==> flow/design.v <==
module sync_as_core #(
    parameter NBITS = 6
) (
    input wire aclk,
    input wire rst_n,
    input wire [NBITS-1:0] dataa,
    input wire [NBITS-1:0] datab,
    output reg [NBITS-1:0] q,
    output reg under
);
    reg [NBITS-1:0] dataa_reg;
    reg [NBITS-1:0] datab_reg;
    wire [NBITS:0] work = {1'b0, dataa_reg} - {1'b0, datab_reg};
    always @(posedge aclk or negedge rst_n) begin
        if (~rst_n) begin
            dataa_reg <= 0;
            datab_reg <= 0;
            q <= 0;
            under <= 1'b0;
        end else begin
            dataa_reg <= dataa;
            datab_reg <= datab;
            q <= work[NBITS-1:0];
            under <= work[NBITS];
        end
    end
endmodule
From RTL to reports: sync_as_core
What the tools print for sync_as_core, step after step. Lines are those of the file above, counted from 1. Cell names lack the library's common part. A cell with -- has no value.

Design top: sync_as_core. Clock port: aclk. Standard-cell library: sky130hd. Library corner: tt_025C_1v80.

Elaborated design
Yosys after proc, flatten, opt, wreduce and memory -nomap, before mapping. Enables and synchronous resets that opt folds into registers are not counted as muxes. Memory bits, and registers merged into a memory's read port (data or address), are not among the register bits. Print and check cells are not counted. Equal cells are merged and count once.

Under add/sub/neg operators stands 1.

Operator list (number): subtractor 6 x 6 -> 7 bit (1).

The figure for flip-flop bits (word level) is 19. The entry for output and inout bits reads 7.

Depth
Depth = most cells in a row (Yosys ltp): at word level without a register or memory, in the mapped netlist without a sequential cell, where the memories' decode and read muxes count.

The figure for depth in word-level cells is 1. Under ABC_AREA stands 0. The entry for mapped depth reads 7. The entry for mapped depth without buffers reads 7.

After synthesis
The flow's flattened synthesis, as Yosys stat reports it; memories are mapped. The netlist is that of the ABC_AREA named above (0 if unset); the other value can give another one.

Cells by type (number): dfrtp_1 (19); ha_1 (6); inv_1 (8); fa_1 (1); nor2b_1 (3); a21oi_1 (3); o21ai_0 (2); a221oi_1 (1); o311ai_0 (1); o311ai_1 (1); o31a_1 (1); xnor2_1 (1); xor2_1 (1); a211oi_1 (1); a21o_1 (1); nor2_1 (2); o21a_1 (1); o21bai_1 (1); nand2b_1 (1).

The entry for mapped cells reads 55. Mapped area: 740.7 um^2. Sequential area: 475.5 um^2. The entry for flip-flops reads 19.

Path before layout
OpenSTA on the mapped netlist: ideal clock, no wires. The path of least setup slack (recovery checks aside). Input and output delay are each 20% of the period. Register names are those of the netlist, which keeps one name where synthesis merged equal registers.

Path type: register -> register. Start: register dataa_reg[0]. End: register q[4]. The figure for clock period is 1880 ps. Library setup time: 80 ps. Under time at the first pin stands 0 ps. The entry for arrival time reads 1424 ps. The figure for required time is 1800 ps. The figure for path slack is 376 ps. Under delay of the path stands 1504 ps. The entry for stages on the path reads 8. The figure for buffers on the path is 0. The figure for synthesis period reached is 1504 ps.

"delay of the path" is the arrival time less input delay plus setup time. "stages on the path": output pins that drive a net of the path, with the launching flip-flop's if there is one; two outputs of one cell count as two. "synthesis period reached" is the clock period less the worst setup slack; recovery checks do not enter. This is arithmetic on one report: input and output delays are still those of the set period (20% each). Between the ends stands the longest chain of elaborated cells between them, by number of cells; it is not shown to be the way that was timed. Of several equally long chains one is given. Each line given opens the expression or statement behind the cell; cells for indexed reads and writes are added by Yosys, which also makes memories of some case tables.

Cells stage by stage: dfrtp_1 -> inv_1 -> ha_1 -> inv_1 -> fa_1 -> a21o_1 -> a21oi_1 -> xnor2_1. For cells in the longest elaborated chain the number is 1. For elaborated cells on any way between the ends the number is 1. Under source lines of those cells stands 1. Those cells by class: add/sub (1).

Ends and longest elaborated chain, after synthesis: start, declared (RTL line 11) `reg [NBITS-1:0] dataa_reg;`; start, assigned (RTL line 16) `dataa_reg <= 0;`; start, assigned (RTL line 21) `dataa_reg <= dataa;`; subtractor 6 x 6 -> 7 bit (RTL line 13) `wire [NBITS:0] work = {1'b0, dataa_reg} - {1'b0, datab_reg};`; end, assigned (RTL line 18) `q <= 0;`; end, assigned (RTL line 23) `q <= work[NBITS-1:0];`; end, declared (RTL line 8) `output reg [NBITS-1:0] q,`.

Timing after layout
From the final timing report of flow run 1: the path of least setup slack in the routed layout; clock arrival at registers is part of the times. The path's times are printed in steps of 10 ps; the period is the one set.

Path type: register -> register. Start: register dataa_reg[0]. End: register under. The figure for clock period is 1880 ps. Library setup time: 70 ps. Under time at the first pin stands 280 ps. The entry for arrival time reads 1810 ps. The figure for required time is 2090 ps. The figure for path slack is 280 ps. The entry for stages on the path reads 8. The figure for buffers on the path is 0.

Between the ends stands the longest chain of elaborated cells between them, by number of cells; it is not shown to be the way that was timed. Of several equally long chains one is given.

Cells stage by stage: dfrtp_1 -> inv_1 -> ha_1 -> inv_1 -> fa_1 -> a211oi_1 -> o21bai_1 -> a21oi_1. For cells in the longest elaborated chain the number is 1. For elaborated cells on any way between the ends the number is 1. Under source lines of those cells stands 1. Those cells by class: add/sub (1).

Ends and longest elaborated chain, after layout: start, declared (RTL line 11) `reg [NBITS-1:0] dataa_reg;`; start, assigned (RTL line 16) `dataa_reg <= 0;`; start, assigned (RTL line 21) `dataa_reg <= dataa;`; subtractor 6 x 6 -> 7 bit (RTL line 13) `wire [NBITS:0] work = {1'b0, dataa_reg} - {1'b0, datab_reg};`; end, assigned (RTL line 19) `under <= 1'b0;`; end, assigned (RTL line 24) `under <= work[NBITS];`; end, declared (RTL line 9) `output reg under`.

## Implementation results

Settings and measured results of 3 stored flow runs for module sync_as_core (sky130hd), not sorted in any way. The constraints put input and output delay at 20% of the set period each and load the outputs with 0.01 pF. "clock period reached" means the clock period less the worst setup slack. The figure is calculated, with input and output delays left at 20% of the set period. By "time on the worst setup path" is meant the share of the clock period that the worst setup path is allowed (20% is reserved at inputs, 20% at outputs), minus its slack. Clock arrival times at its registers enter into it. By "power consumption" is meant OpenSTA's value without simulated activity: inputs other than the clock are taken to toggle once in ten clock periods, and the tool carries that through the logic. "time on the worst setup path" is known to 10 ps.

Flow run 1 has these settings: period_ns 1.88; CAP_MARGIN 20; CORE_MARGIN 2; CORE_UTILIZATION 40; SLEW_MARGIN 20. The area inside the die boundary comes to 2211.8 um^2. The power consumption comes to 0.8180 mW. The post-route utilization reads 58.3 %. The measured clock period reached is 1603 ps. The measured std-cell area (final layout) is 1006.0 um^2. The total negative setup slack reads 0 ps. The time on the worst setup path comes to 1600 ps. Critical path type: register -> register. The worst setup slack after layout is 277 ps. The area of the synthesized netlist reads 740.7 um^2.

Flow run 2 has these settings: period_ns 1.17; CORE_UTILIZATION 32; PLACE_DENSITY_LB_ADDON 0.18; CORE_MARGIN 9; CELL_PAD_IN_SITES_GLOBAL_PLACEMENT 3; ABC_AREA 0; CAP_MARGIN 5; SLEW_MARGIN 25. The area of the synthesized netlist reads 740.7 um^2. The measured std-cell area (final layout) is 1093.5 um^2. The worst setup slack after layout is -333 ps. The power consumption comes to 1.361 mW. The post-route utilization reads 52.5 %. The time on the worst setup path comes to 1500 ps. Critical path type: register -> register. The area inside the die boundary comes to 4370.5 um^2. The measured clock period reached is 1503 ps. The total negative setup slack reads -1406 ps.

Flow run 3 has these settings: period_ns 0.946; CORE_UTILIZATION 47; PLACE_DENSITY_LB_ADDON 0.18; TNS_END_PERCENT 5; ABC_AREA 0; CTS_CLUSTER_SIZE 61; CAP_MARGIN 20; CORE_MARGIN 2; SLEW_MARGIN 20. The area of the synthesized netlist reads 740.7 um^2. The worst setup slack after layout is -609 ps. The measured std-cell area (final layout) is 1042.2 um^2. The power consumption comes to 1.651 mW. The area inside the die boundary comes to 1909.7 um^2. The measured clock period reached is 1555 ps. The total negative setup slack reads -2994 ps. The post-route utilization reads 70.0 %. The time on the worst setup path comes to 1560 ps. Critical path type: register -> register.
